==> flow/design.v <==
module dp_sel_unit_stage #(
    parameter WIDTH = 64
) (
    input  logic clk_i,
    input  logic [WIDTH-1:0] ch0,
    input  logic [WIDTH-1:0] ch1,
    input  logic [WIDTH-1:0] ch2,
    input  logic [WIDTH-1:0] ch3,
    input  logic [WIDTH-1:0] ch4,
    input  logic [2:0] choose,
    output logic [WIDTH-1:0] q
);
    logic [WIDTH-1:0] ch0_s;
    logic [WIDTH-1:0] ch1_s;
    logic [WIDTH-1:0] ch2_s;
    logic [WIDTH-1:0] ch3_s;
    logic [WIDTH-1:0] ch4_s;
    logic [2:0] choose_s;
    always_ff @(posedge clk_i) begin
        ch0_s <= ch0;
        ch1_s <= ch1;
        ch2_s <= ch2;
        ch3_s <= ch3;
        ch4_s <= ch4;
        choose_s <= choose;
    end
    logic [WIDTH-1:0] work;
    assign work =
        (choose_s == 3'd0) ? ch0_s :
        (choose_s == 3'd1) ? ch1_s :
        (choose_s == 3'd2) ? ch2_s :
        (choose_s == 3'd3) ? ch3_s :
        ch4_s;
    logic [WIDTH-1:0] q_s;
    always_ff @(posedge clk_i) begin
        q_s <= work;
    end
    assign q = q_s;
endmodule
# Tool chain data of dp_sel_unit_stage
# What the tools print for dp_sel_unit_stage, step after step.
# Line numbers count from 1 in the design file above.
# Library cell names are shortened.
# A cell with n/a has no value.
# design
top	dp_sel_unit_stage
clock	clk_i
library	sky130hd
corner	tt_025C_1v80

# Word-level counts
# Counts by Yosys on the flattened word-level netlist (proc, flatten, opt, wreduce; memories kept). Register bits leave out memories and registers merged into their read ports (data or address); mux counts leave out enables and synchronous resets folded into registers. Print and check cells are left out. Cells with the same type and inputs are merged into one.
# word_totals
register_bits	387
in_bits	324
output_inout_bits	64
elab_cells	15
# classes
equal	3
n_mux	4
n_reduce_logical	1
# op_table
op	n
2-to-1 mux 64 bit	4
== test 3 x 2 -> 1 bit with constant B	2
== test 3 x 1 -> 1 bit with constant B	1
zero test 3 bit	1

# Logic depth
# Yosys ltp: most cells in a row. Word level: on the elaborated netlist, between registers, memories and ports. Mapped: between sequential cells and ports; inverters and the memories' decode and read muxes count.
# logic_depth
word_depth	5
ABC_AREA	0
ltp_mapped	5
depth_no_buf	3

# Mapped cells and area
# Yosys stat after the flow's synthesis: flattened, memories mapped to cells. It holds for the ABC_AREA given above (unset counts as 0); a run with the other value may have another netlist.
# synth_totals
stdcells	751
mapped_area_mm2	0.0103274
seqArea_mm2	0.0077474
ff_cells	387
buffers	41
# by_type
cell	n	type_area_um2
dfxtp_1	387	7747.43
a222oi_1	64	640.614
nand2_1	128	480.461
mux2_1	29	326.563
and2b_1	32	240.23
mux2_4	16	240.23
mux2_2	19	213.955
nor2b_1	34	212.704
clkbuf_1	27	101.347
buf_6	6	67.565
buf_2	8	40.038
nor3_4	1	16.266

# Worst setup path after synthesis
# Source: OpenSTA report_checks on the synthesized netlist (no wires, ideal clock, input and output delay 20% of the period each), path of least setup slack; recovery checks are left aside. Register names are those of the netlist, which keeps one name where synthesis merged equal registers.
# synth_path
path_type	reg2reg
from	register (no name shown)
to	register q_s[53]
period_ps	1810
setup_ps	123
launch_ps	0
t_arrival_ps	1324
t_required_ps	1687
setup_slack_ps	363
path_delay_ps	1447
driving_pins	6
path_buffers	2
period_less_setup_slack_ps	1447
# "path_delay_ps" is the arrival time less input delay plus setup time.
# "driving_pins": output pins that drive a net of the path, with the launching flip-flop's if there is one; two outputs of one cell count as two.
# "period_less_setup_slack_ps" is the clock period less the worst setup slack; recovery checks do not enter. This is arithmetic on one report: input and output delays are still those of the set period (20% each).
# Between the ends stands the longest chain of elaborated cells between them, by number of cells; it is not shown to be the way that was timed. Of several equally long chains one is given.
# A line is the first line of the expression or statement that the cell stems from. Yosys adds cells for indexed reads and writes and turns some case tables into memories.
# synth_via
path_cell_list	dfxtp_1 -> buf_6 -> buf_6 -> mux2_1 -> a222oi_1 -> nand2_1
elab_chain_len	5
cone_cells	8
lines_between	4
cone_classes	eq/ne: 3; mux: 4; reduce/logical: 1
# synth_lines
item	line	rtl
start, declared	18
start, assigned	25
== test 3 x 2 -> 1 bit	32
2-to-1 mux 64 bit	32
2-to-1 mux 64 bit	31
2-to-1 mux 64 bit	30
2-to-1 mux 64 bit	29
end, assigned	36	q_s <= work;
end, declared	34	logic [WIDTH-1:0] q_s;

# Worst path after layout
# Path of least setup slack in the final report of record 2 (OpenROAD, finished layout, wires in). Where an end is a register, its clock arrival counts in the times.
# The path's times are printed in steps of 10 ps; the period is the one set.
# layout_path
path_type	reg2out
from	register q_s[53]
to	output port q[53]
period_ps	1810
out_delay_ps	360
launch_ps	510
t_arrival_ps	1410
t_required_ps	1450
setup_slack_ps	40
driving_pins	2
path_buffers	1
# layout_via
path_cell_list	dfxtp_1 -> clkdlybuf4s50_1
elab_chain_len	0
cone_cells	0
lines_between	0
# layout_lines
item	line	rtl
start, declared	34	logic [WIDTH-1:0] q_s;
start, assigned	36	q_s <= work;
end, declared	11	output logic [WIDTH-1:0] q

# dp_sel_unit_stage through Yosys and OpenROAD on sky130hd: 3 stored runs, unordered, with their settings and measured results. The constraints put input and output delay at 20% of the set period each and load the outputs with 0.01 pF.
# "design_power_uw" is the tool's figure for a default switching activity; nothing was simulated.
# Among the settings, -- means not set for that run.
# Results: -- = not shown.
run name	period_ns	CORE_UTILIZATION	SETUP_SLACK_MARGIN	PLACE_DENSITY_LB_ADDON	HOLD_SLACK_MARGIN	TNS_END_PERCENT	GPL_TIMING_DRIVEN	CTS_CLUSTER_SIZE	CAP_MARGIN	SLEW_MARGIN	MAX_ROUTING_LAYER	CORE_MARGIN	CORE_ASPECT_RATIO	ABC_AREA	synthArea_mm2	die_mm2	finalUtil_frac	timing.setup.ws_ps	timing.setup.tns_ps	fin_hold_ws_ps	design_power_uw
record 1	1.6	71	0.24	0.21	0.18	90	0	40	10	15	met4	2	--	--	--	--	--	--	--	--	--
record 2	1.81	40	--	--	--	--	--	--	20	20	--	2	--	--	0.0103274	0.0271195	0.631	37	0	274	18785
record 3	1.73	61	0.51	0.29	0.22	--	--	--	20	5	--	2	0.61	1	0.0115023	0.0200044	0.967	-204	-397	199	20864
# Record 1: incomplete, placement halted on FLW-0024
